==> flow/design.v <==
module my_sub_unit #(
  parameter integer DATA_WIDTH = 20
) (
  input logic clk,
  input logic clr,
  input logic [DATA_WIDTH-1:0] opa,
  input logic [DATA_WIDTH-1:0] opb,
  input logic subtract,
  output logic [DATA_WIDTH-1:0] delta,
  output logic cout
);
  logic [DATA_WIDTH-1:0] w2;
  assign w2 = opb ^ {DATA_WIDTH{subtract}};
  logic [DATA_WIDTH:0] work;
  assign work = opa + w2 + subtract;
  always_ff @(posedge clk or posedge clr) begin
    if (clr) begin
      delta <= 0;
    end else begin
      delta <= work[DATA_WIDTH-1:0];
    end
  end
  always_ff @(posedge clk or posedge clr) begin
    if (clr) begin
      cout <= 1'b0;
    end else begin
      cout <= work[DATA_WIDTH];
    end
  end
endmodule
# From RTL to reports: my_sub_unit
# Tool output for the design above, in the order of the flow.
# Lines are those of the file above, counted from 1.
# Operators carry their Yosys type and port widths (W data, S select, Z words).
# Cell names lack the library's common part.
setup:
  top: "my_sub_unit"
  clk_port: "clk"
  library: "sky130hd"
  pvt_corner: "tt_025C_1v80"

# Word level
# Counts by Yosys on the flattened word-level netlist (proc, flatten, opt, wreduce; memories kept). Register bits leave out memories and registers merged into their read ports (data or address); mux counts leave out enables and synchronous resets folded into registers. Print and check cells are left out. Cells with the same type and inputs are merged into one.
bits:
  regBits: 21
  input_bits: 43
  output_inout_bits: 21
  wordCells: 5
classes:
  addsub: 2
  n_logic: 1
ops:
  columns: ["operator", "n"]
  rows:
  - ["$add A20 B20 Y21", 1]
  - ["$add A21 B1 Y21", 1]
  - ["$xor A20 B20 Y20", 1]

# Longest topological paths
# Yosys ltp: most cells in a row. Word level: on the elaborated netlist, between registers, memories and ports. Mapped: between sequential cells and ports; inverters and the memories' decode and read muxes count.
depth:
  ltp_word: 3
  ABC_AREA: 0
  depth_mapped: 11

# Mapped cells and area
# The flow's flattened synthesis, as Yosys stat reports it; memories are mapped. The netlist is that of the ABC_AREA named above (0 if unset); the other value can give another one.
# The area totals of this step are shown rounded.
mapped:
  mapped_cells: 184
  yosys_area_um2: 1740
  seq_area_um2: 526
  flip_flops: 21
  n_buf: 6
by_type:
  columns: ["cell_type", "n", "type_area_um2"]
  rows:
  - ["dfrtp_1", 21, 525.504]
  - ["ha_1", 19, 237.728]
  - ["xor2_1", 26, 227.718]
  - ["xnor2_1", 11, 96.342]
  - ["a21o_1", 8, 60.058]
  - ["a21oi_1", 12, 60.058]
  - ["nor2_1", 13, 48.797]
  - ["nand2_1", 12, 45.043]
  - ["o21ai_0", 7, 35.034]
  - ["o21a_1", 4, 30.029]
  - ["inv_1", 7, 26.275]
  - ["nand3_1", 5, 25.024]
  - ["a31oi_4", 1, 21.27]
  - ["buf_2", 4, 20.019]
  - ["fa_1", 1, 20.019]
  - ["o311ai_2", 1, 16.266]
  - ["a211oi_1", 2, 15.014]
  - ["a221oi_2", 1, 15.014]
# Other cell types: 21; their cells: 29.

# Worst setup path after synthesis
# OpenSTA on the mapped netlist: ideal clock, no wires. The path of least setup slack (recovery checks aside). Input and output delay are each 20% of the period. Register names are those of the netlist, which keeps one name where synthesis merged equal registers.
synth_path:
  path_type: "input-to-reg"
  start: "in subtract"
  end: "reg cout"
  period_ns: 3.34
  in_delay_ns: 0.668
  arrival_time_ns: 2.681
  slack_ns: 0.533
  delay_ns: 2.139
  stages: 10
  n_path_buf: 2
  synth_period_reached_ns: 2.807
# "delay_ns" = arrival - input delay + setup time.
# "stages": output pins that drive a net of the path, with the launching flip-flop's if there is one; two outputs of one cell count as two.
# "synth_period_reached_ns" = period - worst setup slack (recovery checks aside). The figure is calculated, with input and output delays left at 20% of the set period.
# The rows between start and end are the longest chain of elaborated cells between them; the timing report does not say that the signal goes this way. Where chains are equally long, one stands for them.
# Each line given opens the expression or statement behind the cell; cells for indexed reads and writes are added by Yosys, which also makes memories of some case tables.
synth_between:
  path_cell_list: "buf_2 > buf_2 > xor2_1 > ha_1 > nor2b_1 > o311ai_2 > a31oi_1 > nand2_1 > nand3_1 > a221o_1"
  elab_chain_cells: 3
synth_lines:
  columns: ["element", "line", "text"]
  rows:
  - ["start: declaration", 8, "input logic subtract,"]
  - ["$xor A20 B20 Y20", 13, "assign w2 = opb ^ {DATA_WIDTH{subtract}};"]
  - ["$add A20 B20 Y21", 15, "assign work = opa + w2 + subtract;"]
  - ["$add A21 B1 Y21", 15, null]
  - ["end: assignment", 25, "cout <= 1'b0;"]
  - ["end: assignment", 27, "cout <= work[DATA_WIDTH];"]
  - ["end: declaration", 10, "output logic cout"]

# Path in the finished layout
# From the final timing report of record 1: the path of least setup slack in the routed layout; clock arrival at registers is part of the times.
layout_path:
  path_type: "input-to-reg"
  start: "in subtract"
  end: "reg cout"
  period_ns: 3.34
  in_delay_ns: 0.67
  arrival_time_ns: 3.15
  slack_ns: 0.33
  stages: 10
  n_path_buf: 2
# The rows between start and end are the longest chain of elaborated cells between them; the timing report does not say that the signal goes this way. Where chains are equally long, one stands for them.
layout_between:
  path_cell_list: "clkdlybuf4s50_1 > buf_12 > xor2_1 > ha_1 > a21o_1 > a21o_1 > a21oi_1 > or2_2 > nand3_1 > a221o_1"
  elab_chain_cells: 3
layout_lines:
  columns: ["element", "line", "text"]
  rows:
  - ["start: declaration", 8, "input logic subtract,"]
  - ["$xor A20 B20 Y20", 13, "assign w2 = opb ^ {DATA_WIDTH{subtract}};"]
  - ["$add A20 B20 Y21", 15, "assign work = opa + w2 + subtract;"]
  - ["$add A21 B1 Y21", 15, null]
  - ["end: assignment", 25, "cout <= 1'b0;"]
  - ["end: assignment", 27, "cout <= work[DATA_WIDTH];"]
  - ["end: declaration", 10, "output logic cout"]

# Stored flow runs of my_sub_unit (3 of them; Yosys, OpenROAD, sky130hd). They differ in their settings and are not a sequence. Constraints: input delay and output delay 20% of the set period each, output load 0.01 pF.
# "period_less_ws_ns": clock period set for the run, less the worst setup slack. It is reckoned from that one timing run; input and output delays stay at 20% of the period that was set.
# "timing.worst_path_ns" means the part of the period allowed to the worst setup path (the constraints hold back 20% at inputs and 20% at outputs) less its slack; where the path has registers, the arrival times of their clocks count too.
# "power.total_mw" rests on the timing tool's default activity at the inputs, not on a simulated workload.
# Measured values are rounded.
runs:
  - name: "record 1"
    settings:
      period_ns: 3.34
      CAP_MARGIN: 20
      CORE_MARGIN: 2
      CORE_UTILIZATION: 40
      SLEW_MARGIN: 20
    results:
      synth_chip_area_um2: 1740
      die_um2: 4900
      final_stdcell_area_um2: 2520
      utilization_pct: 59.2
      fin_ws_ns: 0.329
      setupTns_ns: 0.000
      power.total_mw: 1.14
      period_less_ws_ns: 3.011
      timing.worst_path_ns: 2.34
      worst_path_kind: "input-to-reg"
  - name: "record 2"
    settings:
      period_ns: 3.53
      CORE_UTILIZATION: 19
      CELL_PAD_IN_SITES_DETAIL_PLACEMENT: 1
      TNS_END_PERCENT: 40
      SLEW_MARGIN: 5
      MIN_ROUTING_LAYER: "met1"
      CAP_MARGIN: 20
      CORE_MARGIN: 2
    results:
      synth_chip_area_um2: 1740
      die_um2: 9960
      final_stdcell_area_um2: 2580
      utilization_pct: 29.3
      fin_ws_ns: 0.412
      setupTns_ns: 0.000
      power.total_mw: 1.07
      period_less_ws_ns: 3.118
      timing.worst_path_ns: 2.41
      worst_path_kind: "input-to-reg"
  - name: "record 3"
    settings:
      period_ns: 3.36
      CORE_UTILIZATION: 34
      SETUP_SLACK_MARGIN: 0.98
      PLACE_DENSITY: 0.77
      CORE_ASPECT_RATIO: 0.51
      CELL_PAD_IN_SITES_DETAIL_PLACEMENT: 1
      ABC_AREA: 1
      GPL_TIMING_DRIVEN: 0
      CTS_CLUSTER_DIAMETER: 279
      MAX_ROUTING_LAYER: "met5"
      CAP_MARGIN: 20
      CORE_MARGIN: 2
      SLEW_MARGIN: 20
    results:
      synth_chip_area_um2: 2000
      die_um2: 6560
      final_stdcell_area_um2: 3580
      utilization_pct: 64.6
      fin_ws_ns: 0.751
      setupTns_ns: 0.000
      power.total_mw: 1.62
      period_less_ws_ns: 2.609
      timing.worst_path_ns: 1.94
      worst_path_kind: "input-to-reg"
